==> flow/design.v <==
module sync_scratch (clk, rst_n, wr_en_i, wsel_i, wr_data_i, raddr1_i, raddr2_i, q1_o, q2_o);
    parameter integer DEPTH = 32;
    parameter integer DWIDTH = 2;
    localparam integer AWIDTH = $clog2(DEPTH);
    input clk;
    input rst_n;
    input wr_en_i;
    input [AWIDTH-1:0] wsel_i;
    input [DWIDTH-1:0] wr_data_i;
    input [AWIDTH-1:0] raddr1_i;
    input [AWIDTH-1:0] raddr2_i;
    output reg [DWIDTH-1:0] q1_o;
    output reg [DWIDTH-1:0] q2_o;
    reg wr_en_s;
    reg [AWIDTH-1:0] wsel_s;
    reg [DWIDTH-1:0] wr_data_s;
    reg [DWIDTH-1:0] regs [0:DEPTH-1];
    always @(posedge clk) begin
        if (wr_en_s)
            regs[wsel_s] <= wr_data_s;
    end
    reg [AWIDTH-1:0] raddr1_s;
    reg [AWIDTH-1:0] raddr2_s;
    always @(posedge clk or negedge rst_n) begin
        if (!rst_n) begin
            wr_en_s <= 1'b0;
            wsel_s <= 0;
            wr_data_s <= 0;
            raddr1_s <= 0;
            raddr2_s <= 0;
            q1_o <= 0;
            q2_o <= 0;
        end else begin
            wr_en_s <= wr_en_i;
            wsel_s <= wsel_i;
            wr_data_s <= wr_data_i;
            raddr1_s <= raddr1_i;
            raddr2_s <= raddr2_i;
            q1_o <= regs[raddr1_s];
            q2_o <= regs[raddr2_s];
        end
    end
endmodule
# ---- Tool chain data of sync_scratch
# Tool output for the members of one design family, told apart by "DWIDTH", in the order of the flow.
# The RTL above is that of DWIDTH 2; lines are counted from 1 in the file of the member named.
# Operators carry their Yosys type and port widths (W data, S select, Z words).
# Cell names lack the library's common part.
# The mark -- stands for no value.
dict set report design {
  top {sync_scratch}
  clock {clk}
  lib {sky130hd}
  pvt_corner {tt_025C_1v80}
}

# ---- Source of the members
# New or changed lines of each further member against the RTL above, in its own file; lines it lacks are not shown.
# DWIDTH line
set changed_lines {}
lappend changed_lines {32 3} ;# parameter integer DWIDTH = 32;
lappend changed_lines {40 3} ;# parameter integer DWIDTH = 40;

# ---- Elaborated design
# Source: Yosys, flattened and elaborated, memories not mapped. Widths are those after wreduce; folded enables and synchronous resets count as part of the registers. Registers that Yosys merges into a memory's read port (data or address) are not register bits. Print and check cells do not count.
# Yosys's memory passes give these memory sizes; they may raise the number of words (mostly to a power of two), join words into wider ones and drop unused or constant bits.
# DWIDTH muxes reduce_logical
set op_classes {}
lappend op_classes {2 3 2}
lappend op_classes {32 3 2}
lappend op_classes {40 3 2}
# DWIDTH operators
set ops {}
lappend ops {2 {$mux W5 (1); $logic_not A1 Y1 (2); $mux W2 (1); $mux W1 (1)}}
lappend ops {32 {$mux W32 (1); $mux W5 (1); $logic_not A1 Y1 (2); $mux W1 (1)}}
lappend ops {40 {$mux W40 (1); $mux W5 (1); $logic_not A1 Y1 (2); $mux W1 (1)}}
# DWIDTH ramBits mem_count register_bits wordCells clocked_rd_ports_x_width
set word_totals {}
lappend word_totals {2 64 1 18 11 4}
lappend word_totals {32 1024 1 48 11 64}
lappend word_totals {40 1280 1 56 11 80}
# DWIDTH memory_list
set mem_list {}
lappend mem_list {2 {regs 32x2 r2 w1}}
lappend mem_list {32 {regs 32x32 r2 w1}}
lappend mem_list {40 {regs 32x40 r2 w1}}

# ---- Logic depth
# Yosys ltp: most cells in a row. Word level: on the elaborated netlist, between registers, memories and ports. Mapped: between sequential cells and ports; inverters and the memories' decode and read muxes count.
# DWIDTH word_depth abc_area ltp_mapped ltp_nobuf
set depth {}
lappend depth {2 1 0 7 5}
lappend depth {32 1 0 8 5}
lappend depth {40 1 0 8 5}

# ---- After synthesis
# Yosys stat after the flow's synthesis: flattened, memories mapped to cells. It holds for the ABC_AREA given above (unset counts as 0); a run with the other value may have another netlist.
# The area totals of this step are shown rounded.
# DWIDTH cell_types
set types {}
lappend types {2 {edfxtp_1 (64); mux2i_1 (64); dfrtp_1 (22); a22oi_1 (21); nor2_1 (33); buf_6 (6); nand2_1 (16); a31oi_1 (9); nand3_1 (9); nand3b_1 (5); or3b_1 (3); nor2b_1 (4); and4b_1 (2); a311oi_1 (2); nand4b_1 (2); o311ai_1 (2); a21oi_1 (3); buf_4 (2); [+16]}}
lappend types {32 {edfxtp_1 (1024); mux2i_1 (1024); dfrtp_1 (112); a22oi_1 (192); a22o_1 (128); nand3_1 (194); a21oi_1 (192); nand2_1 (195); buf_6 (45); a31oi_1 (64); buf_2 (71); buf_4 (47); nor3_1 (64); clkbuf_1 (81); nor2_1 (35); nand3b_1 (5); clkbuf_4 (4); or3b_2 (3); [+18]}}
lappend types {40 {edfxtp_1 (1280); mux2i_1 (1280); dfrtp_1 (136); a22oi_1 (240); a22o_1 (160); nand3_1 (242); a21oi_1 (240); nand2_1 (243); buf_6 (52); a31oi_1 (80); clkbuf_1 (116); buf_4 (55); nor3_1 (80); buf_2 (72); nor2_1 (33); buf_1 (18); clkbuf_4 (6); nand3b_1 (5); [+18]}}
# A list marked [+n] leaves out that many cells.
# DWIDTH cells seqArea_um2 mapped_area_um2 ffs buffers
set mapped {}
lappend mapped {2 285 2500 3900 86 16}
lappend mapped {32 3498 34000 52000 1136 253}
lappend mapped {40 4356 42000 64000 1416 319}

# ---- Timing after synthesis
# OpenSTA on the mapped netlist: ideal clock, no wires. The path of least setup slack (recovery checks aside). Input and output delay are each 20% of the period. Register names are those of the netlist, which keeps one name where synthesis merged equal registers.
# DWIDTH path_type from to path_delay_ns path_stages slack_ns tclk_ns synth_period_reached_ns
set synth_path {}
lappend synth_path {2 reg2reg {reg raddr1_s[1]} {reg q1_o[0]} 1.372 8 0.339 1.71 1.371}
lappend synth_path {32 reg2reg {reg wsel_s[1]} {mem regs[28][0]} 2.813 4 0.707 3.52 2.813}
lappend synth_path {40 reg2reg {reg wsel_s[1]} {mem regs[28][0]} 3.159 4 0.790 3.95 3.16}
# "path_delay_ns" is the arrival time less input delay plus setup time.
# "path_stages": output pins that drive a net of the path, with the launching flip-flop's if there is one; two outputs of one cell count as two.
# "synth_period_reached_ns" = period - worst setup slack (recovery checks aside). The figure is calculated, with input and output delays left at 20% of the set period.
# Between the ends stands the longest chain of elaborated cells between them, by number of cells; it is not shown to be the way that was timed. Of several equally long chains one is given.
# A line is the first line of the expression or statement that the cell stems from. Yosys adds cells for indexed reads and writes and turns some case tables into memories.
# element line
set synth_lines_DWIDTH_2 {}
lappend synth_lines_DWIDTH_2 {{start: declaration} 22} ;# reg [AWIDTH-1:0] raddr1_s;
lappend synth_lines_DWIDTH_2 {{start: assignment} 29} ;# raddr1_s <= 0;
lappend synth_lines_DWIDTH_2 {{start: assignment} 37} ;# raddr1_s <= raddr1_i;
lappend synth_lines_DWIDTH_2 {{end: declaration} 12} ;# output reg [DWIDTH-1:0] q1_o;
# DWIDTH 2: No chain of elaborated cells between the ends is given.
dict set report synth_via_DWIDTH_40 {
  elab_chain_len 1
}
# element line
set synth_lines_DWIDTH_40 {}
lappend synth_lines_DWIDTH_40 {{start: declaration} 15} ;# reg [AWIDTH-1:0] wsel_s;
lappend synth_lines_DWIDTH_40 {{start: assignment} 27} ;# wsel_s <= 0;
lappend synth_lines_DWIDTH_40 {{start: assignment} 35} ;# wsel_s <= wsel_i;
lappend synth_lines_DWIDTH_40 {{$mux W5} 19} ;# if (wr_en_s)
lappend synth_lines_DWIDTH_40 {{end: declaration} 17} ;# reg [DWIDTH-1:0] regs [0:DEPTH-1];

# ---- Worst path after layout
# From the final timing report of each member's run: the path of least setup slack in the routed layout; clock arrival at registers is part of the times.
# DWIDTH path_type from to tclk_ns t_arrival_ns slack_ns path_stages
set layout_path {}
lappend layout_path {2 reg2reg {reg raddr1_s[1]} {reg q1_o[0]} 1.71 1.85 0.09 7}
lappend layout_path {32 reg2reg {reg raddr2_s[1]} {reg q2_o[10]} 3.52 3.20 0.88 9}
lappend layout_path {40 reg2out {reg q2_o[9]} {out q2_o[9]} 3.95 1.91 1.25 2}

# ---- Layout results
# One run of the flow (Yosys, OpenROAD) for each member, with settings and measured results. Input and output delays are each 20% of the period that was set; the output load is 0.01 pF.
dict set report settings {
  CAP_MARGIN 20
  CORE_MARGIN 2
  CORE_UTILIZATION 40
  SLEW_MARGIN 20
}
# DWIDTH period_ns
set settings_by_member {}
lappend settings_by_member {2 1.71}
lappend settings_by_member {32 3.52}
lappend settings_by_member {40 3.95}
# DWIDTH util_pct power.total_w achieved_clock_period_ns setup_tns_ns worstSetupSlack_ns cell_area_final_um2 yosys.chip_area_um2 die_um2
set results {}
lappend results {2 48 0.0041 1.619 0.000 0.091 4600 3900 11000}
lappend results {32 47 0.031 2.640 0.000 0.88 59000 52000 130000}
lappend results {40 46 0.034 2.696 0.000 1.3 74000 64000 160000}
# "achieved_clock_period_ns" is the run's clock period less its worst setup slack. It is reckoned from that one timing run; input and output delays stay at 20% of the period that was set.
# "power.total_w" rests on the timing tool's default activity at the inputs, not on a simulated workload.
# The measured numbers are rounded.
